==> flow/design.v <==
module reg_word #(parameter N = 8) (
  input wire clk,
  input wire en,
  input wire [N-1:0] d,
  output reg [N-1:0] q
);
  always @(posedge clk)
    if (en) q <= d;
endmodule
module dp_reg_file_v2 #(
  parameter ENTRIES = 10,
  parameter DATA_W = 12,
  parameter N_READ = 6,
  parameter ADDR_W = $clog2(ENTRIES)
) (
  input  wire aclk,
  input  wire wr_i,
  input  wire [ADDR_W-1:0] wr_idx_i,
  input  wire [DATA_W-1:0] write_data_i,
  input  wire [N_READ*ADDR_W-1:0] rsel_i,
  output wire [N_READ*DATA_W-1:0] dout_o
);
  reg wr_ff;
  reg [ADDR_W-1:0] wr_idx_ff;
  reg [DATA_W-1:0] write_data_ff;
  always @(posedge aclk) begin
    wr_ff <= wr_i;
    wr_idx_ff <= wr_idx_i;
    write_data_ff <= write_data_i;
  end
  wire [ENTRIES*DATA_W-1:0] mem;
  genvar k;
  generate
    for (k = 0; k < ENTRIES; k = k + 1) begin : lane
      reg_word #(.N(DATA_W)) u (.clk(aclk), .en(wr_ff && wr_idx_ff == k), .d(write_data_ff), .q(mem[k*DATA_W +: DATA_W]));
    end
  endgenerate
  reg [N_READ*ADDR_W-1:0] rsel_ff;
  always @(posedge aclk) begin
    rsel_ff <= rsel_i;
  end
  wire [N_READ*DATA_W-1:0] nxt;
  genvar gj;
  generate
    for (gj = 0; gj < N_READ; gj = gj + 1) begin : g_bit
      assign nxt[gj*DATA_W +: DATA_W] = mem[rsel_ff[gj*ADDR_W +: ADDR_W]*DATA_W +: DATA_W];
    end
  endgenerate
  reg [N_READ*DATA_W-1:0] dout_ff;
  always @(posedge aclk) begin
    dout_ff <= nxt;
  end
  assign dout_o = dout_ff;
endmodule
* Reports on dp_reg_file_v2
The steps from the RTL of dp_reg_file_v2 to its reports follow in flow order.
Lines are those of the file above, counted from 1.
Not given: -
- Top module :: dp_reg_file_v2
- Clock input :: aclk
- Standard-cell library :: sky130hd
- Corner :: tt_025C_1v80

* Word-level counts
Counts by Yosys on the flattened word-level netlist (proc, flatten, opt, wreduce; memories kept). Register bits leave out memories and registers merged into their read ports (data or address); mux counts leave out enables and synchronous resets folded into registers. Print and check cells are left out. Cells with the same type and inputs are merged into one.
- Clocked read ports x word width :: 0
- Memory cells :: 0
- Bits in registers :: 233
- RAM bits :: 0
- Bits in latches :: 0
- ROM bits :: 0
- Magnitude comparators :: 0
- Add/subtract/negate cells :: 0
- Divide/modulo/power cells :: 0
- $mul :: 6
- Multiplexer cells :: 0
- Eq/ne operators :: 9
- Shift operators :: 6
- Reductions and logical operators :: 11
- Bitwise logic cells :: 0
** Operator list (count)
- 120-bit by 9-bit variable part select with 12-bit output :: 6
- 4-bit by 2-bit multiplier with 6-bit output (second input constant) :: 6
- 4-bit by 3-bit == test with 1-bit output (second input constant) :: 4
- 1-bit logical AND :: 10
- 4-bit by 2-bit == test with 1-bit output (second input constant) :: 2
- 4-bit == test (second input constant) :: 2
- 4-bit by 1-bit == test with 1-bit output (second input constant) :: 1
- 4-bit zero test :: 1

* Logic depth
Yosys ltp: most cells in a row. Word level: on the elaborated netlist, between registers, memories and ports. Mapped: between sequential cells and ports; inverters and the memories' decode and read muxes count.
- Word-level depth :: 2
- ABC_AREA :: 0
- Mapped depth :: 5
- Depth with buffers taken out :: 3

* Mapped cells and area
Yosys stat after the flow's synthesis: flattened, memories mapped to cells. It holds for the ABC_AREA given above (unset counts as 0); a run with the other value may have another netlist.
The area totals of this step are shown rounded.
- Buffers :: 66
- Standard cells after synthesis :: 909
- Mapped flip-flops :: 233
- Chip area (Yosys) :: 12280 µm²
** Cells by type
- sky130_fd_sc_hd__edfxtp_1 :: count 120, total area 3.6E+03 µm²
- sky130_fd_sc_hd__mux2_2 :: count 216, total area 2.43E+03 µm²
- sky130_fd_sc_hd__dfxtp_1 :: count 113, total area 2262.17 µm²
- sky130_fd_sc_hd__mux4_2 :: count 42, total area 945.907 µm²
- sky130_fd_sc_hd__mux4_1 :: count 30, total area 788.256 µm²
- sky130_fd_sc_hd__o31ai_1 :: count 67, total area 502.982 µm²
- sky130_fd_sc_hd__o22ai_1 :: count 72, total area 450.432 µm²
- sky130_fd_sc_hd__nand2_1 :: count 79, total area 296.534 µm²
- sky130_fd_sc_hd__nor2_1 :: count 79, total area 296.534 µm²
- sky130_fd_sc_hd__buf_2 :: count 35, total area 175.168 µm²
- sky130_fd_sc_hd__buf_6 :: count 12, total area 135.13 µm²
- sky130_fd_sc_hd__buf_12 :: count 6, total area 120.115 µm²
- sky130_fd_sc_hd__o31ai_2 :: count 5, total area 62.56 µm²
- sky130_fd_sc_hd__nand2b_1 :: count 8, total area 50.048 µm²
- sky130_fd_sc_hd__buf_4 :: count 6, total area 45.043 µm²
- sky130_fd_sc_hd__nor3b_1 :: count 6, total area 45.043 µm²
- sky130_fd_sc_hd__clkbuf_1 :: count 7, total area 26.275 µm²
- sky130_fd_sc_hd__nand3b_1 :: count 2, total area 15.014 µm²
Not listed: further types 2, cells in them 4.
The figures by module come from a second, unflattened synthesis with its own total; it is not the netlist above.
- Cell total of the unflattened synthesis :: 909
- Area (unflattened synthesis) :: 12270 µm²
Rows give one instance, submodules left out.
** By module
- dp_reg_file_v2 :: area 8663 µm², sequential area 2262 µm², cells 789, times used 1
- reg_word #(N=12) :: area 360.3 µm², sequential area 360.3 µm², cells 12, times used 10

* Path before layout
OpenSTA on the mapped netlist: ideal clock, no wires. The path of least setup slack (recovery checks aside). Input and output delay are each 20% of the period. Register names are those of the netlist, which keeps one name where synthesis merged equal registers.
- Path kind :: flip-flop to flip-flop
- From :: register wr_ff
- To :: register lane[0].u.q[0]
- Arrival time :: 1682 ps
- Stages :: 3
- Path delay :: 2078 ps
- Launch time at the first pin :: 0 ps
- Clock period :: 2600 ps
- Setup time :: 396 ps
- Data required time :: 2204 ps
- Slack :: 522 ps
- Synthesis period reached :: 2078 ps
"path delay" = arrival - input delay + setup time.
"stages" counts driving pins, that of a launching flip-flop among them; a cell with two outputs on the path counts twice.
"synthesis period reached" is the clock period less the worst setup slack; recovery checks do not enter. This is arithmetic on one report: input and output delays are still those of the set period (20% each).
The rows between start and end are the longest chain of elaborated cells between them; the timing report does not say that the signal goes this way. Where chains are equally long, one stands for them.
Each line given opens the expression or statement behind the cell; cells for indexed reads and writes are added by Yosys, which also makes memories of some case tables.
- Cells stage by stage :: sky130_fd_sc_hd__dfxtp_1 -> sky130_fd_sc_hd__or3b_2 -> sky130_fd_sc_hd__nor3_1
- Cells in the longest elaborated chain :: 1
** Ends and longest elaborated chain, after synthesis
- start: declaration :: RTL line 23 : reg wr_ff;
- start: assignment :: RTL line 27 : wr_ff <= wr_i;
- 1-bit logical AND :: RTL line 35 : reg_word #(.N(DATA_W)) u (.clk(aclk), .en(wr_ff && wr_idx_ff == k), .d(write_data_ff), .q(mem[k*DATA_W +: DATA ...
- end: assignment :: RTL line 8 : if (en) q <= d;
- end: declaration :: RTL line 5 : output reg [N-1:0] q

* Worst path after layout
Path of least setup slack in the final report of job 1 (OpenROAD, finished layout, wires in). Where an end is a register, its clock arrival counts in the times.
The path's times are printed in steps of 10 ps; the period is the one set.
- Path kind :: flip-flop to flip-flop
- From :: register rsel_ff[5]
- To :: register dout_ff[13]
- Slack :: 530 ps
- Setup time :: 140 ps
- Arrival time :: 2450 ps
- Stages :: 5
- Launch time at the first pin :: 530 ps
- Clock period :: 2600 ps
- Data required time :: 2990 ps
The rows between start and end are the longest chain of elaborated cells between them; the timing report does not say that the signal goes this way. Where chains are equally long, one stands for them.
- Cells stage by stage :: sky130_fd_sc_hd__dfxtp_1 -> sky130_fd_sc_hd__nand2b_1 -> sky130_fd_sc_hd__buf_4 -> sky130_fd_sc_hd__o22ai_1 -> sky130_fd_sc_hd__o31ai_1
- Cells in the longest elaborated chain :: 2
** Ends and longest elaborated chain, after layout
- start: declaration :: RTL line 38 : reg [N_READ*ADDR_W-1:0] rsel_ff;
- start: assignment :: RTL line 40 : rsel_ff <= rsel_i;
- 4-bit by 2-bit multiplier with 6-bit output :: RTL line 46 : assign nxt[gj*DATA_W +: DATA_W] = mem[rsel_ff[gj*ADDR_W +: ADDR_W]*DATA_W +: DATA_W];
- 120-bit by 9-bit variable part select with 12-bit output :: RTL line 46
- end: assignment :: RTL line 51 : dout_ff <= nxt;
- end: declaration :: RTL line 49 : reg [N_READ*DATA_W-1:0] dout_ff;

--- measured runs ---
Measured data: module dp_reg_file_v2, platform sky130hd, 3 stored runs of the flow under differing settings, order arbitrary. Input and output delays are each 20% of the period that was set; the output load is 0.01 pF.
"period reached" means the clock period less the worst setup slack. The figure is calculated, with input and output delays left at 20% of the set period.
"time of the worst setup path" = time allowed to the worst setup path (clock period - input delay - output delay, where it has them) - its slack; a late launch clock adds to it, a late capture clock takes from it.
By "total power after layout" is meant OpenSTA's value without simulated activity: inputs other than the clock are taken to toggle once in ten clock periods, and the tool carries that through the logic.
"time of the worst setup path" is known to 10 ps.
Values from the reports are rounded here.

* Job 1
** Files
==> flow/run.sh <==
#!/bin/bash
# the make line also repeats the synthesis and layout settings of config.mk as NAME=value (left out here)
make -C /OpenROAD-flow-scripts/flow DESIGN_CONFIG=/design/flow/config.mk WORK_HOME=/design/flow/orfs CLKGATE_MAP_FILE= finish
==> flow/config.mk <==
export PLATFORM = sky130hd
export DESIGN_NAME = dp_reg_file_v2
export DESIGN_NICKNAME = dp_reg_file_v2
export VERILOG_FILES = /design/flow/design.v
export SDC_FILE = /design/flow/constraint.sdc
export NUM_CORES = 4
export LEC_CHECK = 0
export CAP_MARGIN = 20
export CORE_MARGIN = 2
export CORE_UTILIZATION = 40
export SLEW_MARGIN = 20
==> flow/constraint.sdc <==
create_clock -name core_clock -period 2.6 [get_ports {aclk}]
set_input_delay 0.5200 -clock core_clock [delete_from_list [all_inputs] [get_ports {aclk}]]
set_output_delay 0.5200 -clock core_clock [all_outputs]
set_load 0.01 [all_outputs]
** Results
- Synthesized cell area :: 12,280 µm²
- Die footprint :: 32,110 µm²
- Standard-cell area after layout :: 14,930 µm²
- Final design utilization :: 0.491
- Setup slack of the worst path :: 531 ps
- Setup total negative slack :: 0 ps
- Worst hold slack in the final report :: 426 ps
- Total power after layout :: 9,107 uW
- Period reached :: 2,069 ps
- Time of the worst setup path :: 2,070 ps
- Class of the worst setup path :: flip-flop to flip-flop

* Job 2
** Files
==> flow/run.sh <==
#!/bin/bash
# the make line also repeats the synthesis and layout settings of config.mk as NAME=value (left out here)
make -C /OpenROAD-flow-scripts/flow DESIGN_CONFIG=/design/flow/config.mk WORK_HOME=/design/flow/orfs CLKGATE_MAP_FILE= finish
==> flow/config.mk <==
export PLATFORM = sky130hd
export DESIGN_NAME = dp_reg_file_v2
export DESIGN_NICKNAME = dp_reg_file_v2
export VERILOG_FILES = /design/flow/design.v
export SDC_FILE = /design/flow/constraint.sdc
export NUM_CORES = 4
export LEC_CHECK = 0
export ABC_AREA = 0
export CAP_MARGIN = 0
export CORE_MARGIN = 2
export CORE_UTILIZATION = 72
export CTS_CLUSTER_SIZE = 46
export GPL_ROUTABILITY_DRIVEN = 1
export GPL_TIMING_DRIVEN = 0
export MIN_ROUTING_LAYER = met2
export PLACE_DENSITY = 0.6
export SETUP_SLACK_MARGIN = 0.41
export SLEW_MARGIN = 40
export TNS_END_PERCENT = 50
==> flow/constraint.sdc <==
create_clock -name core_clock -period 1.98 [get_ports {aclk}]
set_input_delay 0.3960 -clock core_clock [delete_from_list [all_inputs] [get_ports {aclk}]]
set_output_delay 0.3960 -clock core_clock [all_outputs]
set_load 0.01 [all_outputs]
** Results
Incomplete, routing halted on GRT-0116.

* Job 3
** Files
==> flow/run.sh <==
#!/bin/bash
# the make line also repeats the synthesis and layout settings of config.mk as NAME=value (left out here)
make -C /OpenROAD-flow-scripts/flow DESIGN_CONFIG=/design/flow/config.mk WORK_HOME=/design/flow/orfs CLKGATE_MAP_FILE= finish
==> flow/config.mk <==
export PLATFORM = sky130hd
export DESIGN_NAME = dp_reg_file_v2
export DESIGN_NICKNAME = dp_reg_file_v2
export VERILOG_FILES = /design/flow/design.v
export SDC_FILE = /design/flow/constraint.sdc
export NUM_CORES = 4
export LEC_CHECK = 0
export ABC_AREA = 1
export CAP_MARGIN = 20
export CELL_PAD_IN_SITES_DETAIL_PLACEMENT = 0
export CORE_ASPECT_RATIO = 0.65
export CORE_MARGIN = 2
export CORE_UTILIZATION = 25
export CTS_CLUSTER_DIAMETER = 374
export GPL_ROUTABILITY_DRIVEN = 0
export MIN_ROUTING_LAYER = met1
export SETUP_SLACK_MARGIN = 0.58
export SLEW_MARGIN = 20
==> flow/constraint.sdc <==
create_clock -name core_clock -period 2.9 [get_ports {aclk}]
set_input_delay 0.5800 -clock core_clock [delete_from_list [all_inputs] [get_ports {aclk}]]
set_output_delay 0.5800 -clock core_clock [all_outputs]
set_load 0.01 [all_outputs]
** Results
- Synthesized cell area :: 13,090 µm²
- Die footprint :: 54,250 µm²
- Standard-cell area after layout :: 15,440 µm²
- Final design utilization :: 0.299
- Setup slack of the worst path :: 772 ps
- Setup total negative slack :: 0 ps
- Worst hold slack in the final report :: 447 ps
- Total power after layout :: 8,384 uW
- Period reached :: 2,128 ps
- Time of the worst setup path :: 1,550 ps
- Class of the worst setup path :: flip-flop to output port
--- end ---
